==> flow/design.v <==
module dp_barrel #(
    parameter integer WD = 16,
    parameter integer SEL_WIDTH = $clog2(WD)
) (
    input wire clk,
    input wire [WD-1:0] src_in,
    input wire [SEL_WIDTH-1:0] by_in,
    output reg [WD-1:0] y_out
);
    wire [WD-1:0] lvl [0:SEL_WIDTH];
    assign lvl[0] = src_in;
    genvar k;
    generate
        for (k = 0; k < SEL_WIDTH; k = k + 1) begin : each
            assign lvl[k+1] = by_in[k] ? (lvl[k] >> (1 << k)) | (lvl[k] << (WD - (1 << k))) : lvl[k];
        end
    endgenerate
    always @(posedge clk) begin
        y_out <= lvl[SEL_WIDTH];
    end
endmodule
==> Reports on dp_barrel <==
What the tools print for dp_barrel, step after step.
Line numbers count from 1 in the design file above.
Operators carry their Yosys type and port widths (W data, S select, Z words).
Cell names lack the library's common part.
{ "setup": {"top": "dp_barrel", "clk_port": "clk", "lib": "sky130hd", "corner": "tt_025C_1v80"} }

==> Word-level counts <==
Yosys after proc, flatten, opt, wreduce and memory -nomap, before mapping. Enables and synchronous resets that opt folds into registers are not counted as muxes. Memory bits, and registers merged into a memory's read port (data or address), are not among the register bits. Print and check cells are not counted. Equal cells are merged and count once.
{ "bits": {"inputBits": 21, "reg_bits": 16, "wordCells": 9, "output_inout_bits": 16} }
{ "classes": {"mux": 4, "n_logic": 4} }
{ "ops": {"columns": ["cell", "count"], "rows": [
  ["$mux W16", 4],
  ["$or A12 B16 Y16", 1],
  ["$or A14 B16 Y16", 1],
  ["$or A15 B16 Y16", 1],
  ["$or A8 B16 Y16", 1]
]} }

==> Logic depth <==
Yosys ltp: most cells in a row. Word level: on the elaborated netlist, between registers, memories and ports. Mapped: between sequential cells and ports; inverters and the memories' decode and read muxes count.
{ "logic_depth": {"depth_word": 8, "abc_area": 0, "depth_mapped": 4, "ltp_nobuf": 2} }

==> After synthesis <==
Yosys stat after the flow's synthesis: flattened, memories mapped to cells. It holds for the ABC_AREA given above (unset counts as 0); a run with the other value may have another netlist.
{ "synth_totals": {"stdcells": 56, "mapped_area_mm2": 0.0011236, "buf_cells": 8, "flip_flops": 16, "seqArea_mm2": 0.0003203} }
{ "types": {"columns": ["cell_type", "count", "area_total_um2"], "rows": [
  ["mux4_2", 25, 563.04],
  ["dfxtp_1", 16, 320.307],
  ["mux4_1", 7, 183.926],
  ["buf_12", 1, 20.019],
  ["buf_6", 1, 11.261],
  ["clkbuf_1", 3, 11.261],
  ["buf_2", 2, 10.01],
  ["buf_1", 1, 3.754]
]} }

==> Path before layout <==
Source: OpenSTA report_checks on the synthesized netlist (no wires, ideal clock, input and output delay 20% of the period each), path of least setup slack; recovery checks are left aside. Register names are those of the netlist, which keeps one name where synthesis merged equal registers.
{ "synth_timing": {"path_kind": "input to register", "from": "input by_in[3]", "to": "register y_out[8]", "required_ns": 2.086, "clock_period_ns": 2.22, "path_buffers": 1, "slack_ns": 0.358, "in_delay_ns": 0.444, "setup_time_ns": 0.134, "delay_ns": 1.418, "driving_pins": 3, "t_first_pin_ns": 0.444, "arrival_ns": 1.728, "synth_period_reached_ns": 1.862} }
"delay_ns" is the arrival time less input delay plus setup time.
"driving_pins": output pins that drive a net of the path, with the launching flip-flop's if there is one; two outputs of one cell count as two.
"synth_period_reached_ns" = period - worst setup slack (recovery checks aside). The figure is calculated, with input and output delays left at 20% of the set period.
Between the ends stands the longest chain of elaborated cells between them, by number of cells; it is not shown to be the way that was timed. Of several equally long chains one is given.
A line is the first line of the expression or statement that the cell stems from. Yosys adds cells for indexed reads and writes and turns some case tables into memories.
{ "synth_between": {"path_cell_list": "clkbuf_1 mux4_1 mux4_2", "elab_chain_len": 1, "cone_cells": 1, "lines_between": 1, "classes_between": "mux (1)"} }
{ "synth_rtl": {"columns": ["element", "line_no", "rtl"], "rows": [
  ["from (decl)", 7, "input wire [SEL_WIDTH-1:0] by_in,"],
  ["$mux W16", 15, "assign lvl[k+1] = by_in[k] ? (lvl[k] >> (1 << k)) | (lvl[k] << (WD - (1 << k))) : lvl[k];"],
  ["to (assign)", 19, "y_out <= lvl[SEL_WIDTH];"],
  ["to (decl)", 8, "output reg [WD-1:0] y_out"]
]} }

==> Path in the finished layout <==
From the final timing report of run 1: the path of least setup slack in the routed layout; clock arrival at registers is part of the times.
{ "layout_timing": {"path_kind": "input to register", "from": "input by_in[0]", "to": "register y_out[14]", "t_first_pin_ns": 0.44, "slack_ns": 0.06, "clock_period_ns": 2.2, "driving_pins": 4, "in_delay_ns": 0.44, "arrival_ns": 2.28, "setup_time_ns": 0.12, "required_ns": 2.34, "path_buffers": 2} }
Between the ends stands the longest chain of elaborated cells between them, by number of cells; it is not shown to be the way that was timed. Of several equally long chains one is given.
{ "layout_between": {"path_cell_list": "clkdlybuf4s50_1 buf_12 mux4_1 mux4_2", "elab_chain_len": 7, "cone_cells": 7, "lines_between": 1, "classes_between": "mux (4); logic (3)"} }
{ "layout_rtl": {"columns": ["element", "line_no", "rtl"], "rows": [
  ["from (decl)", 7, "input wire [SEL_WIDTH-1:0] by_in,"],
  ["$mux W16", 15, "assign lvl[k+1] = by_in[k] ? (lvl[k] >> (1 << k)) | (lvl[k] << (WD - (1 << k))) : lvl[k];"],
  ["$or A14 B16 Y16", 15, null],
  ["$mux W16", 15, null],
  ["$or A12 B16 Y16", 15, null],
  ["$mux W16", 15, null],
  ["$or A8 B16 Y16", 15, null],
  ["$mux W16", 15, null],
  ["to (assign)", 19, "y_out <= lvl[SEL_WIDTH];"],
  ["to (decl)", 8, "output reg [WD-1:0] y_out"]
]} }

Hand-over note for dp_barrel

dp_barrel through Yosys and OpenROAD on sky130hd: 3 stored runs, unordered, with their settings and measured results. The constraints put input and output delay at 20% of the set period each and load the outputs with 0.01 pF.
By "achievedPeriod_ns" is meant the clock period of the run minus its worst setup slack. This is arithmetic on one report: input and output delays are still those of the set period (20% each).
"worst_path_time_ns" is the time allowed to the run's worst setup path (the clock period less input and output delay, where it has them) less its slack. Clock arrival times count: a late capture clock shortens it, a late launch clock lengthens it.
"total_power_uw" rests on the timing tool's default activity at the inputs, not on a simulated workload.
[
  {
    "run": "run 1",
    "settings": { "period_ns": 2.2, "CORE_UTILIZATION": 31, "SETUP_SLACK_MARGIN": -0.15, "PLACE_DENSITY_LB_ADDON": 0.15, "HOLD_SLACK_MARGIN": 0.18, "CAP_MARGIN": 20, "CORE_MARGIN": 2, "SLEW_MARGIN": 20 },
    "results": { "post_synth_area_mm2": 0.0011236, "die_area_mm2": 0.0041223, "util_frac": 0.458, "fin_ws_ns": 0.061, "final_hold_ws_ns": 1.039, "total_power_uw": 831.3, "achievedPeriod_ns": 2.139, "worst_path_time_ns": 1.70, "worstPathKind": "input to register" }
  },
  {
    "run": "run 2",
    "settings": { "period_ns": 2.22, "CAP_MARGIN": 20, "CORE_MARGIN": 2, "CORE_UTILIZATION": 40, "SLEW_MARGIN": 20 },
    "results": { "post_synth_area_mm2": 0.0011236, "die_area_mm2": 0.003249, "util_frac": 0.573, "fin_ws_ns": 0.112, "final_hold_ws_ns": 1.037, "total_power_uw": 828.3, "achievedPeriod_ns": 2.108, "worst_path_time_ns": 1.66, "worstPathKind": "input to register" }
  },
  {
    "run": "run 3",
    "settings": { "period_ns": 2.98, "CORE_UTILIZATION": 54, "SETUP_SLACK_MARGIN": 0.07, "PLACE_DENSITY": 0.84, "CORE_MARGIN": 6, "ABC_AREA": 1, "GPL_ROUTABILITY_DRIVEN": 1, "CTS_CLUSTER_DIAMETER": 166, "CAP_MARGIN": 10, "MIN_ROUTING_LAYER": "met1", "SLEW_MARGIN": 20 },
    "results": { "post_synth_area_mm2": 0.0013213, "die_area_mm2": 0.0037779, "util_frac": 0.743, "fin_ws_ns": 1.045, "final_hold_ws_ns": 1.067, "total_power_uw": 648.1, "achievedPeriod_ns": 1.935, "worst_path_time_ns": 1.34, "worstPathKind": "input to register" }
  }
]

End of note.
